==> flow/design.v <==
module sync_relation_top #(
  parameter DWIDTH = 14,
  parameter NUM = 7
) (
  input  logic sys_clk,
  input  logic RSTN,
  input  logic [NUM*DWIDTH-1:0] data,
  output logic [DWIDTH-1:0] hi
);
  logic [NUM*DWIDTH-1:0] data_d1;
  always_ff @(posedge sys_clk) begin
    if (!RSTN) begin
      data_d1 <= '0;
    end else begin
      data_d1 <= data;
    end
  end
  wire [DWIDTH-1:0] node [1:2*NUM-1];
  generate
    for (genvar gi = 0; gi < NUM; gi++) begin : row
      assign node[NUM+gi] = data_d1[gi*DWIDTH +: DWIDTH];
    end
    for (genvar gi = 1; gi < NUM; gi++) begin : each
      assign node[gi] = (node[2*gi] > node[2*gi+1]) ? node[2*gi] : node[2*gi+1];
    end
  endgenerate
  assign hi = node[1];
endmodule
Reports on sync_relation_top
What the tools print for sync_relation_top, step after step.
Lines are those of the file above, counted from 1.
Operators carry their Yosys type and port widths (W data, S select, Z words).
Cell names lack the library's common part.
Not given: --
- top module: sync_relation_top
- clock port: sys_clk
- standard-cell library: sky130hd
- library corner: tt_025C_1v80

Word-level counts
Source: Yosys, flattened and elaborated. Widths are those after wreduce; folded enables and synchronous resets count as part of the registers. Registers that Yosys merges into a memory's read port (data or address) are not register bits. Print and check cells do not count. Equal cells are merged and count once.
- bits in registers: 98
- order comparisons at 6
- mux-type cells at 6
- operators by type and width (cell ; count):
    $gt A14 B14 Y1 ; 6
    $mux W14 ; 6

Longest topological paths
Yosys ltp: most cells in a row. Word level: on the elaborated netlist, between registers, memories and ports. Mapped: between sequential cells and ports; inverters and the memories' decode and read muxes count.
- depth after elaboration at 6
- ABC_AREA at 0
- noted depth in mapped cells: 28
- depth with buffers taken out at 24

Netlist
Source: synth_stat.txt of the flow (Yosys; design flattened, memories mapped). It holds for the ABC_AREA given above (unset counts as 0); a run with the other value may have another netlist.
Totals and module areas in this step are rounded.
- noted flip-flops: 98
- buffers: 18
- synthesis area at 5730 um2
- cells in the netlist: 621
- cells by type (type ; count):
    dfxtp_1 ; 98
    ha_1 ; 84
    and2_1 ; 98
    mux2i_1 ; 55
    inv_1 ; 100
    a21oi_1 ; 45
    mux2_2 ; 14
    nor2_1 ; 20
    nand4_1 ; 10
    nand3_1 ; 12
    a21o_1 ; 7
    nand2_1 ; 14
    clkbuf_1 ; 11
    a211oi_1 ; 4
    a21boi_0 ; 4
    and4_1 ; 3
    o21ai_0 ; 5
    mux2i_4 ; 1
Other cell types: 25; their cells: 36.

Path before layout
Source: OpenSTA report_checks on the synthesized netlist (no wires, ideal clock, input and output delay 20% of the period each), path of least setup slack; recovery checks are left aside. Register names are those of the netlist, which keeps one name where synthesis merged equal registers.
- path type: reg2out
- from: reg data_d1[97]
- to: out hi[10]
- delay of the path: 5208 ps
- stages: 27
- path slack: 1304 ps
- clock period at 8140 ps
- time at the first pin at 0 ps
- noted external output delay: 1628 ps
- noted data arrival time: 5208 ps
- noted data required time: 6512 ps
- buffers on the path: 3
- synthesis period reached: 6836 ps
"delay of the path" is the arrival time less input delay plus setup time.
A path that ends at an output port has no setup time.
"stages": output pins that drive a net of the path, with the launching flip-flop's if there is one; two outputs of one cell count as two.
"synthesis period reached" = period - worst setup slack (recovery checks aside). The figure is calculated, with input and output delays left at 20% of the set period.
The rows between start and end are the longest chain of elaborated cells between them; the timing report does not say that the signal goes this way. Where chains are equally long, one stands for them.
Each line given opens the expression or statement behind the cell; cells for indexed reads and writes are added by Yosys, which also makes memories of some case tables.
- cells stage by stage: dfxtp_1 > inv_1 > ha_1 > nand4_1 > nor3_1 > o31ai_1 > a21oi_2 > buf_4 > mux2i_1 > inv_1 > ha_1 > nand4_1 > a31oi_1 > a211oi_1 > a21oi_1 > buf_2 > nor2_1 > a21oi_1 > inv_1 > ha_1 > nand3_1 > o21ai_0 > a21o_1 > a221oi_1 > a21oi_1 > clkbuf_1 > mux2_2
- cells in the longest elaborated chain at 6
- elaborated cells between the ends (all ways): 6
- ends and longest elaborated chain, after synthesis (item ; line ; source):
    from (decl) ; 10 ; logic [NUM*DWIDTH-1:0] data_d1;
    from (assign) ; 13 ; data_d1 <= '0;
    from (assign) ; 15 ; data_d1 <= data;
    $gt A14 B14 Y1 ; 24 ; assign node[gi] = (node[2*gi] > node[2*gi+1]) ? node[2*gi] : node[2*gi+1];
    $mux W14 ; 24 ;
    $gt A14 B14 Y1 ; 24 ;
    $mux W14 ; 24 ;
    $gt A14 B14 Y1 ; 24 ;
    $mux W14 ; 24 ;
    to (decl) ; 8 ; output logic [DWIDTH-1:0] hi

Timing after layout
Path of least setup slack in the final report of flow run A (OpenROAD, finished layout, wires in). Where an end is a register, its clock arrival counts in the times.
The path's times are printed in steps of 10 ps; the period is the one set.
- path type: reg2out
- from: reg data_d1[32]
- to: out hi[2]
- stages: 26
- noted external output delay: 1630 ps
- buffers on the path: 3
- time at the first pin at 350 ps
- path slack: 270 ps
- noted data arrival time: 6240 ps
- clock period at 8140 ps
- noted data required time: 6510 ps
The rows between start and end are the longest chain of elaborated cells between them; the timing report does not say that the signal goes this way. Where chains are equally long, one stands for them.
- cells stage by stage: dfxtp_1 > inv_1 > ha_1 > and4_1 > o21a_1 > o31ai_1 > a32o_2 > buf_4 > mux2i_1 > inv_1 > ha_1 > a21oi_1 > nor3_1 > a211oi_1 > a22oi_4 > mux2i_2 > ha_1 > a21o_1 > a21oi_1 > o21ai_0 > a21o_1 > a221oi_2 > a21oi_2 > buf_4 > mux2_2 > clkdlybuf4s50_1
- cells in the longest elaborated chain at 6
- elaborated cells between the ends (all ways): 6
- ends and longest elaborated chain, post-layout (item ; line ; source):
    from (decl) ; 10 ; logic [NUM*DWIDTH-1:0] data_d1;
    from (assign) ; 13 ; data_d1 <= '0;
    from (assign) ; 15 ; data_d1 <= data;
    $gt A14 B14 Y1 ; 24 ; assign node[gi] = (node[2*gi] > node[2*gi+1]) ? node[2*gi] : node[2*gi+1];
    $mux W14 ; 24 ;
    $gt A14 B14 Y1 ; 24 ;
    $mux W14 ; 24 ;
    $gt A14 B14 Y1 ; 24 ;
    $mux W14 ; 24 ;
    to (decl) ; 8 ; output logic [DWIDTH-1:0] hi

==> results <==
Record of 2 stored runs of the RTL-to-layout flow on sync_relation_top, platform sky130hd. The runs are unordered. Constraints: input delay and output delay 20% of the set period each, output load 0.01 pF.
"reached clock period" means the clock period less the worst setup slack. The figure is calculated, with input and output delays left at 20% of the set period.
By "worst setup path time" is meant the share of the clock period that the worst setup path is allowed (20% is reserved at inputs, 20% at outputs), minus its slack. Clock arrival times at its registers enter into it.
"overall power" is the tool's figure for a default switching activity; nothing was simulated.
"worst setup path time" is known to 10 ps.
Values from the reports are rounded here.

Flow run A
Settings were period_ns = 8.14; CAP_MARGIN = 20; CORE_MARGIN = 2; CORE_UTILIZATION = 40; SLEW_MARGIN = 20
- mapped cell area after synthesis: 5730 um2
- overall die area: 15300 um2
- noted the standard-cell area after routing: 7790 um2
- utilization after routing at 55.9%
- noted the setup slack of the worst path: 274 ps
- summed negative setup slack at 0 ps
- worst hold slack in the final report: 1850 ps
- overall power at 1670 uW
- reached clock period at 7866 ps
- worst setup path time: 6240 ps
- critical path type: reg2out

Flow run B
Settings were period_ns = 7.0; CORE_UTILIZATION = 27; SETUP_SLACK_MARGIN = 0.88; PLACE_DENSITY = 0.35; CORE_ASPECT_RATIO = 0.62; TNS_END_PERCENT = 15; GPL_ROUTABILITY_DRIVEN = 0; CTS_CLUSTER_SIZE = 38; CTS_CLUSTER_DIAMETER = 226; CAP_MARGIN = 10; MIN_ROUTING_LAYER = met1; MAX_ROUTING_LAYER = met5; CORE_MARGIN = 2; SLEW_MARGIN = 20
- mapped cell area after synthesis: 5730 um2
- overall die area: 22400 um2
- noted the standard-cell area after routing: 8900 um2
- utilization after routing at 43.3%
- noted the setup slack of the worst path: -346 ps
- summed negative setup slack at -4380 ps
- worst hold slack in the final report: 1610 ps
- overall power at 2250 uW
- reached clock period at 7346 ps
- worst setup path time: 5950 ps
- critical path type: reg2out
